==> flow/design.v <==
module add_rtl #(
    parameter integer DWIDTH = 12,
    parameter integer GROUP = 2
) (
    input wire aclk,
    input wire nrst,
    input wire clk_en,
    input wire [DWIDTH-1:0] dataa,
    input wire [DWIDTH-1:0] datab,
    input wire carry_in,
    output reg [DWIDTH-1:0] res,
    output reg carry_out
);
    localparam GROUPS = DWIDTH / GROUP;
    wire [DWIDTH-1:0] r;
    wire [GROUPS:0] c;
    assign c[0] = carry_in;
    genvar g;
    generate
        for (g = 0; g < GROUPS; g = g + 1) begin : row
            wire [GROUP:0] s0 = dataa[g*GROUP +: GROUP] + datab[g*GROUP +: GROUP];
            wire [GROUP:0] s1 = dataa[g*GROUP +: GROUP] + datab[g*GROUP +: GROUP] + 1'b1;
            assign {c[g+1], r[g*GROUP +: GROUP]} = c[g] ? s1 : s0;
        end
    endgenerate
    always @(posedge aclk or negedge nrst) begin
        if (~nrst) begin
            res <= 0;
            carry_out <= 1'b0;
        end else if (clk_en) begin
            res <= r;
            carry_out <= c[GROUPS];
        end
    end
endmodule
== Tool chain data of add_rtl ==
Tool output for the design above, in the order of the flow.
Line numbers count from 1 in the design file above.
Not given: -
Inputs
  top: add_rtl
  clock input: aclk
  standard-cell library: sky130hd
  timing corner: tt_025C_1v80

== Word-level counts ==
Counts by Yosys on the flattened word-level netlist (proc, flatten, opt, wreduce; memories kept). Register bits leave out memories and registers merged into their read ports (data or address); mux counts leave out enables and synchronous resets folded into registers. Print and check cells are left out. Cells with the same type and inputs are merged into one.
Storage and ports
  output and inout port bits: 13
  bits in registers: 13
Cells by class
  add/subtract/negate cells: 12
  mux-type cells: 6
Operator list (number)
  2-bit by 2-bit adder with 3-bit output: 6
  3-bit by 1-bit adder with 3-bit output with constant B: 6
  3-bit two-way mux: 6

== Logic depth ==
Depth = most cells in a row (Yosys ltp): at word level without a register or memory, in the mapped netlist without a sequential cell, where the memories' decode and read muxes count.
Depth
  word-level depth: 8
  ABC_AREA: 0
  depth in mapped cells: 12
  mapped depth without buffers: 11

== After synthesis ==
Yosys stat after the flow's synthesis: flattened, memories mapped to cells. It holds for the ABC_AREA given above (unset counts as 0); a run with the other value may have another netlist.
Synthesis totals
  synthesis area: 1218.7 sq um
  mapped cells: 137
  buffers: 4
  mapped flip-flops: 13
  sequential area: 325.3 sq um
Cell types
  sky130_fd_sc_hd__dfrtp_1: number 13, total area 325.312 sq um
  sky130_fd_sc_hd__ha_1: number 12, total area 150.144 sq um
  sky130_fd_sc_hd__fa_1: number 6, total area 120.115 sq um
  sky130_fd_sc_hd__inv_1: number 28, total area 105.101 sq um
  sky130_fd_sc_hd__xnor2_1: number 7, total area 61.309 sq um
  sky130_fd_sc_hd__a21oi_1: number 11, total area 55.053 sq um
  sky130_fd_sc_hd__nor2_1: number 14, total area 52.55 sq um
  sky130_fd_sc_hd__nor4b_2: number 2, total area 30.029 sq um
  sky130_fd_sc_hd__nand3b_1: number 3, total area 22.522 sq um
  sky130_fd_sc_hd__a21bo_2: number 2, total area 20.019 sq um
  sky130_fd_sc_hd__mux2i_1: number 2, total area 20.019 sq um
  sky130_fd_sc_hd__nand2_1: number 5, total area 18.768 sq um
  sky130_fd_sc_hd__o41ai_2: number 1, total area 16.266 sq um
  sky130_fd_sc_hd__a2111oi_2: number 1, total area 15.014 sq um
  sky130_fd_sc_hd__a311oi_2: number 1, total area 15.014 sq um
  sky130_fd_sc_hd__nand3_1: number 3, total area 15.014 sq um
  sky130_fd_sc_hd__and3_1: number 2, total area 12.512 sq um
  sky130_fd_sc_hd__nand4_1: number 2, total area 12.512 sq um
Not listed: further types 19, cells in them 22.

== Timing after synthesis ==
Path of least setup slack by OpenSTA after synthesis, without wires, with an ideal clock, recovery checks aside; 20% of the period is set as input and as output delay. Where synthesis merged equal registers, the netlist keeps one of their names.
Path after synthesis
  kind: input to register
  start: in dataa[0]
  end: reg carry_out
  period: 4.17 ns
  external input delay: 0.834 ns
  library setup time: 0.070 ns
  arrival: 3.430 ns
  required time: 4.100 ns
  launch time at the first pin: 0.834 ns
  setup slack: 0.670 ns
  delay of the path: 2.666 ns
  driving pins on the path: 12
  synthesis period reached: 3.5 ns
"delay of the path" is the arrival time less input delay plus setup time.
"driving pins on the path": output pins that drive a net of the path, with the launching flip-flop's if there is one; two outputs of one cell count as two.
"synthesis period reached" = period - worst setup slack (recovery checks aside). The figure is calculated, with input and output delays left at 20% of the set period.
Between the ends stands the longest chain of elaborated cells between them, by number of cells; it is not shown to be the way that was timed. Of several equally long chains one is given.
Each line given opens the expression or statement behind the cell; cells for indexed reads and writes are added by Yosys, which also makes memories of some case tables.
On the way, after synthesis
  cell sequence: sky130_fd_sc_hd__ha_1 > sky130_fd_sc_hd__inv_1 > sky130_fd_sc_hd__fa_1 > sky130_fd_sc_hd__inv_1 > sky130_fd_sc_hd__ha_1 > sky130_fd_sc_hd__and3b_2 > sky130_fd_sc_hd__nor4b_2 > sky130_fd_sc_hd__nor4_1 > sky130_fd_sc_hd__or4_1 > sky130_fd_sc_hd__buf_2 > sky130_fd_sc_hd__a311o_1 > sky130_fd_sc_hd__nand3_1
  cells in the longest elaborated chain: 8
  elaborated cells on any way between the ends: 8
  classes of those cells: 2 x add/sub; 6 x mux
Ends and longest elaborated chain, after synthesis
  start, declared: RTL line 8  | input wire [DWIDTH-1:0] dataa,
  2-bit by 2-bit adder with 3-bit output: RTL line 22  | wire [GROUP:0] s1 = dataa[g*GROUP +: GROUP] + datab[g*GROUP +: GROUP] + 1'b1;
  3-bit by 1-bit adder with 3-bit output: RTL line 22
  3-bit two-way mux (6 in a row): RTL line 23  | assign {c[g+1], r[g*GROUP +: GROUP]} = c[g] ? s1 : s0;
  end, assigned: RTL line 29  | carry_out <= 1'b0;
  end, assigned: RTL line 32  | carry_out <= c[GROUPS];
  end, declared: RTL line 12  | output reg carry_out

== Worst path after layout ==
Path of least setup slack in the final report of job 1 (OpenROAD, finished layout, wires in). Where an end is a register, its clock arrival counts in the times.
Path after layout
  kind: input to register
  start: in dataa[0]
  end: reg carry_out
  setup slack: 1.77 ns
  driving pins on the path: 12
  arrival: 4.32 ns
  period: 5.92 ns
  library setup time: 0.06 ns
  required time: 6.10 ns
  launch time at the first pin: 1.18 ns
  external input delay: 1.18 ns
Between the ends stands the longest chain of elaborated cells between them, by number of cells; it is not shown to be the way that was timed. Of several equally long chains one is given.
On the way, after layout
  cell sequence: sky130_fd_sc_hd__clkdlybuf4s50_1 > sky130_fd_sc_hd__ha_1 > sky130_fd_sc_hd__inv_1 > sky130_fd_sc_hd__fa_1 > sky130_fd_sc_hd__inv_1 > sky130_fd_sc_hd__ha_1 > sky130_fd_sc_hd__and3b_2 > sky130_fd_sc_hd__nor4b_2 > sky130_fd_sc_hd__nor4_1 > sky130_fd_sc_hd__or4_4 > sky130_fd_sc_hd__a311o_1 > sky130_fd_sc_hd__nand3_1
  cells in the longest elaborated chain: 8
  elaborated cells on any way between the ends: 8
  classes of those cells: 2 x add/sub; 6 x mux
Ends and longest elaborated chain, after layout
  start, declared: RTL line 8  | input wire [DWIDTH-1:0] dataa,
  2-bit by 2-bit adder with 3-bit output: RTL line 22  | wire [GROUP:0] s1 = dataa[g*GROUP +: GROUP] + datab[g*GROUP +: GROUP] + 1'b1;
  3-bit by 1-bit adder with 3-bit output: RTL line 22
  3-bit two-way mux (6 in a row): RTL line 23  | assign {c[g+1], r[g*GROUP +: GROUP]} = c[g] ? s1 : s0;
  end, assigned: RTL line 29  | carry_out <= 1'b0;
  end, assigned: RTL line 32  | carry_out <= c[GROUPS];
  end, declared: RTL line 12  | output reg carry_out

Settings and measured results of 3 stored flow runs for module add_rtl (sky130hd), not sorted in any way. The constraints put input and output delay at 20% of the set period each and load the outputs with 0.01 pF.
"achieved clock period (ns)" = clock period - worst setup slack. The figure is calculated, with input and output delays left at 20% of the set period.
"worst setup path time (ns)" = time allowed to the worst setup path (clock period - input delay - output delay, where it has them) - its slack; a late launch clock adds to it, a late capture clock takes from it.
"finish__power__total": no workload was simulated; the value follows from the tool's default switching activity.

Flow files of job 1
==> flow/run.sh <==
#!/bin/bash
# the make line also repeats the synthesis and layout settings of config.mk as NAME=value (left out here)
make -C /OpenROAD-flow-scripts/flow DESIGN_CONFIG=/design/flow/config.mk WORK_HOME=/design/flow/orfs CLKGATE_MAP_FILE= finish
==> flow/config.mk <==
export PLATFORM = sky130hd
export DESIGN_NAME = add_rtl
export DESIGN_NICKNAME = add_rtl
export VERILOG_FILES = /design/flow/design.v
export SDC_FILE = /design/flow/constraint.sdc
export NUM_CORES = 4
export LEC_CHECK = 0
export CAP_MARGIN = 20
export CELL_PAD_IN_SITES_DETAIL_PLACEMENT = 1
export CELL_PAD_IN_SITES_GLOBAL_PLACEMENT = 0
export CORE_MARGIN = 2
export CORE_UTILIZATION = 27
export GPL_ROUTABILITY_DRIVEN = 0
export MAX_ROUTING_LAYER = met4
export PLACE_DENSITY_LB_ADDON = 0.17
export SETUP_SLACK_MARGIN = 1.54
export SLEW_MARGIN = 20
==> flow/constraint.sdc <==
create_clock -name core_clock -period 5.92 [get_ports {aclk}]
set_input_delay 1.1840 -clock core_clock [delete_from_list [all_inputs] [get_ports {aclk}]]
set_output_delay 1.1840 -clock core_clock [all_outputs]
set_load 0.01 [all_outputs]

report of job 1
yosys chip area after synthesis (um^2): 1218.7
finish__design__die__area: 5067.3
finish__design__instance__area__stdcell: 1716.7
finish__design__instance__utilization: 0.3943
finish__timing__setup__ws: 1.775
finish__timing__setup__tns: 0.000
finish__timing__hold__ws: 0.505
finish__power__total: 3.680e-04
achieved clock period (ns): 4.145
worst setup path time (ns): 2.96
worst setup path kind: input to register

Flow files of job 2
==> flow/run.sh <==
#!/bin/bash
# the make line also repeats the synthesis and layout settings of config.mk as NAME=value (left out here)
make -C /OpenROAD-flow-scripts/flow DESIGN_CONFIG=/design/flow/config.mk WORK_HOME=/design/flow/orfs CLKGATE_MAP_FILE= finish
==> flow/config.mk <==
export PLATFORM = sky130hd
export DESIGN_NAME = add_rtl
export DESIGN_NICKNAME = add_rtl
export VERILOG_FILES = /design/flow/design.v
export SDC_FILE = /design/flow/constraint.sdc
export NUM_CORES = 4
export LEC_CHECK = 0
export CAP_MARGIN = 20
export CORE_MARGIN = 2
export CORE_UTILIZATION = 40
export SLEW_MARGIN = 20
==> flow/constraint.sdc <==
create_clock -name core_clock -period 4.17 [get_ports {aclk}]
set_input_delay 0.8340 -clock core_clock [delete_from_list [all_inputs] [get_ports {aclk}]]
set_output_delay 0.8340 -clock core_clock [all_outputs]
set_load 0.01 [all_outputs]

report of job 2
yosys chip area after synthesis (um^2): 1218.7
finish__design__die__area: 3504.1
finish__design__instance__area__stdcell: 1671.6
finish__design__instance__utilization: 0.5613
finish__timing__setup__ws: 0.359
finish__timing__setup__tns: 0.000
finish__timing__hold__ws: 0.505
finish__power__total: 4.800e-04
achieved clock period (ns): 3.811
worst setup path time (ns): 2.98
worst setup path kind: input to register

Flow files of job 3
==> flow/run.sh <==
#!/bin/bash
# the make line also repeats the synthesis and layout settings of config.mk as NAME=value (left out here)
make -C /OpenROAD-flow-scripts/flow DESIGN_CONFIG=/design/flow/config.mk WORK_HOME=/design/flow/orfs CLKGATE_MAP_FILE= finish
==> flow/config.mk <==
export PLATFORM = sky130hd
export DESIGN_NAME = add_rtl
export DESIGN_NICKNAME = add_rtl
export VERILOG_FILES = /design/flow/design.v
export SDC_FILE = /design/flow/constraint.sdc
export NUM_CORES = 4
export LEC_CHECK = 0
export ABC_AREA = 1
export CAP_MARGIN = 20
export CORE_ASPECT_RATIO = 0.7
export CORE_MARGIN = 2
export CORE_UTILIZATION = 34
export CTS_CLUSTER_DIAMETER = 373
export CTS_CLUSTER_SIZE = 15
export GPL_ROUTABILITY_DRIVEN = 1
export MAX_ROUTING_LAYER = met4
export MIN_ROUTING_LAYER = met1
export PLACE_DENSITY = 0.84
export SETUP_SLACK_MARGIN = -0.43
export SLEW_MARGIN = 20
export TNS_END_PERCENT = 35
==> flow/constraint.sdc <==
create_clock -name core_clock -period 5.64 [get_ports {aclk}]
set_input_delay 1.1280 -clock core_clock [delete_from_list [all_inputs] [get_ports {aclk}]]
set_output_delay 1.1280 -clock core_clock [all_outputs]
set_load 0.01 [all_outputs]

report of job 3
yosys chip area after synthesis (um^2): 1226.2
finish__design__die__area: 4110.4
finish__design__instance__area__stdcell: 1722.9
finish__design__instance__utilization: 0.4935
finish__timing__setup__ws: 2.275
finish__timing__setup__tns: 0.000
finish__timing__hold__ws: 0.483
finish__power__total: 4.193e-04
achieved clock period (ns): 3.365
worst setup path time (ns): 2.24
worst setup path kind: input to register
